==> flow/design.v <==
module core_barrel_p (clock, src, count, q);
    parameter DATA_W = 128;
    localparam SEL_W = $clog2(DATA_W);
    input clock;
    input [DATA_W-1:0] src;
    input [SEL_W-1:0] count;
    output [DATA_W-1:0] q;
    reg [DATA_W-1:0] src_s;
    reg [SEL_W-1:0] count_s;
    always @(posedge clock) begin
        src_s <= src;
        count_s <= count;
    end
    wire [2*DATA_W-1:0] nxt;
    assign nxt = {src_s, src_s} >> count_s;
    assign q = nxt[DATA_W-1:0];
endmodule
# ---- Step by step through the tools: core_barrel_p
# The steps from the RTL of core_barrel_p to its reports follow in flow order.
# Line numbers count from 1 in the design file above.
# Cell names lack the library's common part.
# Not given: n/a
dict set report setup {
  top_module {core_barrel_p}
  clk_port {clock}
  cell_library {sky130hd}
  lib_corner {tt_025C_1v80}
}

# ---- Word level
# Source: Yosys, flattened and elaborated, memories not mapped. Widths are those after wreduce; folded enables and synchronous resets count as part of the registers. Registers that Yosys merges into a memory's read port (data or address) are not register bits. Print and check cells do not count. Equal cells are merged and count once.
dict set report word_totals {
  word_cells 3
  ff_bits 135
  output_inout_bits 128
  inputBits 136
}
dict set report classes {
  shifts 1
}
# cell n
set ops {}
lappend ops {{256-bit by 7-bit >> shifter with 128-bit output} 1}

# ---- Longest topological paths
# Longest topological path by Yosys (ltp), each cell counted once; first at word level (registers and memories cut), then after technology mapping (sequential cells cut; the memories' decode and read muxes count).
dict set report depth {
  ltp_word 1
  ABC_AREA 0
  depth_mapped 6
}

# ---- Netlist
# The flow's flattened synthesis, as Yosys stat reports it; memories are mapped. The netlist is that of the ABC_AREA named above (0 if unset); the other value can give another one.
# The area totals of this step are shown rounded.
dict set report synth_totals {
  n_buf 98
  area_um2 13200
  ffs 135
  cells 745
}
# cell_type n type_area_um2
set types {}
lappend types {mux4_2 384 8.65E+03}
lappend types {dfxtp_1 135 2.7E+03}
lappend types {mux2_2 128 1.44E+03}
lappend types {clkbuf_1 59 221.462}
lappend types {buf_1 24 90.086}
lappend types {buf_6 7 78.826}
lappend types {buf_4 7 52.55}
lappend types {buf_2 1 5.005}

# ---- Path before layout
# Path of least setup slack by OpenSTA after synthesis, without wires, with an ideal clock, recovery checks aside; 20% of the period is set as input and as output delay. Where synthesis merged equal registers, the netlist keeps one of their names.
dict set report synth_path {
  path_type {register to output}
  startpoint {reg count_s[3]}
  endpoint {out q[106]}
  n_path_buf 2
  delay_ps 2624
  output_delay_ps 820
  driving_pins 7
  slack_ps 656
  arrival_ps 2624
  tclk_ps 4100
  synth_period_reached_ps 3444
}
# "delay_ps" is the arrival time less input delay plus setup time.
# A path that ends at an output port has no setup time.
# "driving_pins": output pins that drive a net of the path, with the launching flip-flop's if there is one; two outputs of one cell count as two.
# "synth_period_reached_ps" is the clock period less the worst setup slack; recovery checks do not enter. This is arithmetic on one report: input and output delays are still those of the set period (20% each).
# Between the ends stands the longest chain of elaborated cells between them, by number of cells; it is not shown to be the way that was timed. Of several equally long chains one is given.
# Each line given opens the expression or statement behind the cell; cells for indexed reads and writes are added by Yosys, which also makes memories of some case tables.
dict set report synth_between {
  cell_sequence {dfxtp_1 clkbuf_1 buf_1 mux4_2 mux4_2 mux4_2 mux2_2}
  elab_chain_cells 1
  cone_cells 1
  cone_classes {1 x shift}
}
# element line
set synth_lines {}
lappend synth_lines {{start, declared} 9} ;# reg [SEL_W-1:0] count_s;
lappend synth_lines {{start, assigned} 12} ;# count_s <= count;
lappend synth_lines {{256-bit by 7-bit >> shifter with 128-bit output} 15} ;# assign nxt = {src_s, src_s} >> count_s;
lappend synth_lines {{end, declared} 7} ;# output [DATA_W-1:0] q;

# ---- Worst path after layout
# Path of least setup slack in the final report of run A (OpenROAD, finished layout, wires in). Where an end is a register, its clock arrival counts in the times.
# The path's times are printed in steps of 10 ps; the period is the one set.
dict set report layout_path {
  path_type {register to output}
  startpoint {reg count_s[0]}
  endpoint {out q[30]}
  driving_pins 11
  slack_ps -250
  n_path_buf 6
  output_delay_ps 820
  tclk_ps 4100
  arrival_ps 3530
}
# Between the ends stands the longest chain of elaborated cells between them, by number of cells; it is not shown to be the way that was timed. Of several equally long chains one is given.
dict set report layout_between {
  cell_sequence {dfxtp_4 buf_12 buf_16 buf_12 buf_8 mux4_2 mux4_2 mux4_2 buf_6 mux2_4 buf_6}
  elab_chain_cells 1
  cone_cells 1
  cone_classes {1 x shift}
}
# element line
set layout_lines {}
lappend layout_lines {{start, declared} 9} ;# reg [SEL_W-1:0] count_s;
lappend layout_lines {{start, assigned} 12} ;# count_s <= count;
lappend layout_lines {{256-bit by 7-bit >> shifter with 128-bit output} 15} ;# assign nxt = {src_s, src_s} >> count_s;
lappend layout_lines {{end, declared} 7} ;# output [DATA_W-1:0] q;

Flow measurements of core_barrel_p on sky130hd: 3 stored runs with different settings, listed in no order. Input and output delays are each 20% of the period that was set; the output load is 0.01 pF.
"achieved_period_ps" = clock period - worst setup slack. The figure is calculated, with input and output delays left at 20% of the set period.
"worst_path_ps" is the time allowed to the run's worst setup path (the clock period less input and output delay, where it has them) less its slack. Clock arrival times count: a late capture clock shortens it, a late launch clock lengthens it.
"power.total_uw": no workload was simulated; the value follows from the tool's default switching activity.
"worst_path_ps" is known to 10 ps.
The measured numbers are rounded.

# run A
==> flow/run.sh <==
#!/bin/bash
# the make line also repeats the synthesis and layout settings of config.mk as NAME=value (left out here)
make -C /OpenROAD-flow-scripts/flow DESIGN_CONFIG=/design/flow/config.mk WORK_HOME=/design/flow/orfs CLKGATE_MAP_FILE= finish
==> flow/config.mk <==
export PLATFORM = sky130hd
export DESIGN_NAME = core_barrel_p
export DESIGN_NICKNAME = core_barrel_p
export VERILOG_FILES = /design/flow/design.v
export SDC_FILE = /design/flow/constraint.sdc
export NUM_CORES = 4
export LEC_CHECK = 0
export CAP_MARGIN = 20
export CORE_MARGIN = 2
export CORE_UTILIZATION = 40
export SLEW_MARGIN = 20
==> flow/constraint.sdc <==
create_clock -name core_clock -period 4.1 [get_ports {clock}]
set_input_delay 0.8200 -clock core_clock [delete_from_list [all_inputs] [get_ports {clock}]]
set_output_delay 0.8200 -clock core_clock [all_outputs]
set_load 0.01 [all_outputs]

==> run A: results <==
fin_util_pct=55.2
power.total_uw=6280
worst_path_ps=3530
timing.worst_path_kind="register to output"
post_synth_area_um2=13200
setupTns_ps=-19300
achieved_period_ps=4353
hold_ws_ps=811
die_footprint_um2=34600
worstSetupSlack_ps=-253

# run B
==> flow/run.sh <==
#!/bin/bash
# the make line also repeats the synthesis and layout settings of config.mk as NAME=value (left out here)
make -C /OpenROAD-flow-scripts/flow DESIGN_CONFIG=/design/flow/config.mk WORK_HOME=/design/flow/orfs CLKGATE_MAP_FILE= finish
==> flow/config.mk <==
export PLATFORM = sky130hd
export DESIGN_NAME = core_barrel_p
export DESIGN_NICKNAME = core_barrel_p
export VERILOG_FILES = /design/flow/design.v
export SDC_FILE = /design/flow/constraint.sdc
export NUM_CORES = 4
export LEC_CHECK = 0
export CAP_MARGIN = 25
export CELL_PAD_IN_SITES_GLOBAL_PLACEMENT = 0
export CORE_MARGIN = 4
export CORE_UTILIZATION = 25
export CTS_CLUSTER_DIAMETER = 373
export CTS_CLUSTER_SIZE = 84
export HOLD_SLACK_MARGIN = 0.17
export MAX_ROUTING_LAYER = met5
export PLACE_DENSITY_LB_ADDON = 0.18
export SLEW_MARGIN = 20
==> flow/constraint.sdc <==
create_clock -name core_clock -period 4.57 [get_ports {clock}]
set_input_delay 0.9140 -clock core_clock [delete_from_list [all_inputs] [get_ports {clock}]]
set_output_delay 0.9140 -clock core_clock [all_outputs]
set_load 0.01 [all_outputs]

==> run B: results <==
fin_util_pct=33.7
hold_ws_ps=889
die_footprint_um2=56700
worst_path_ps=3600
timing.worst_path_kind="register to output"
worstSetupSlack_ps=55
power.total_uw=5470
post_synth_area_um2=13200
setupTns_ps=0
achieved_period_ps=4515

# run C
==> flow/run.sh <==
#!/bin/bash
# the make line also repeats the synthesis and layout settings of config.mk as NAME=value (left out here)
make -C /OpenROAD-flow-scripts/flow DESIGN_CONFIG=/design/flow/config.mk WORK_HOME=/design/flow/orfs CLKGATE_MAP_FILE= finish
==> flow/config.mk <==
export PLATFORM = sky130hd
export DESIGN_NAME = core_barrel_p
export DESIGN_NICKNAME = core_barrel_p
export VERILOG_FILES = /design/flow/design.v
export SDC_FILE = /design/flow/constraint.sdc
export NUM_CORES = 4
export LEC_CHECK = 0
export CAP_MARGIN = 35
export CELL_PAD_IN_SITES_DETAIL_PLACEMENT = 1
export CORE_MARGIN = 10
export CORE_UTILIZATION = 61
export CTS_CLUSTER_DIAMETER = 161
export GPL_ROUTABILITY_DRIVEN = 0
export PLACE_DENSITY_LB_ADDON = 0.27
export SETUP_SLACK_MARGIN = 0.35
export SLEW_MARGIN = 20
==> flow/constraint.sdc <==
create_clock -name core_clock -period 2.14 [get_ports {clock}]
set_input_delay 0.4280 -clock core_clock [delete_from_list [all_inputs] [get_ports {clock}]]
set_output_delay 0.4280 -clock core_clock [all_outputs]
set_load 0.01 [all_outputs]

==> run C: results <==
outcome="incomplete, placement halted on DPL-0033"
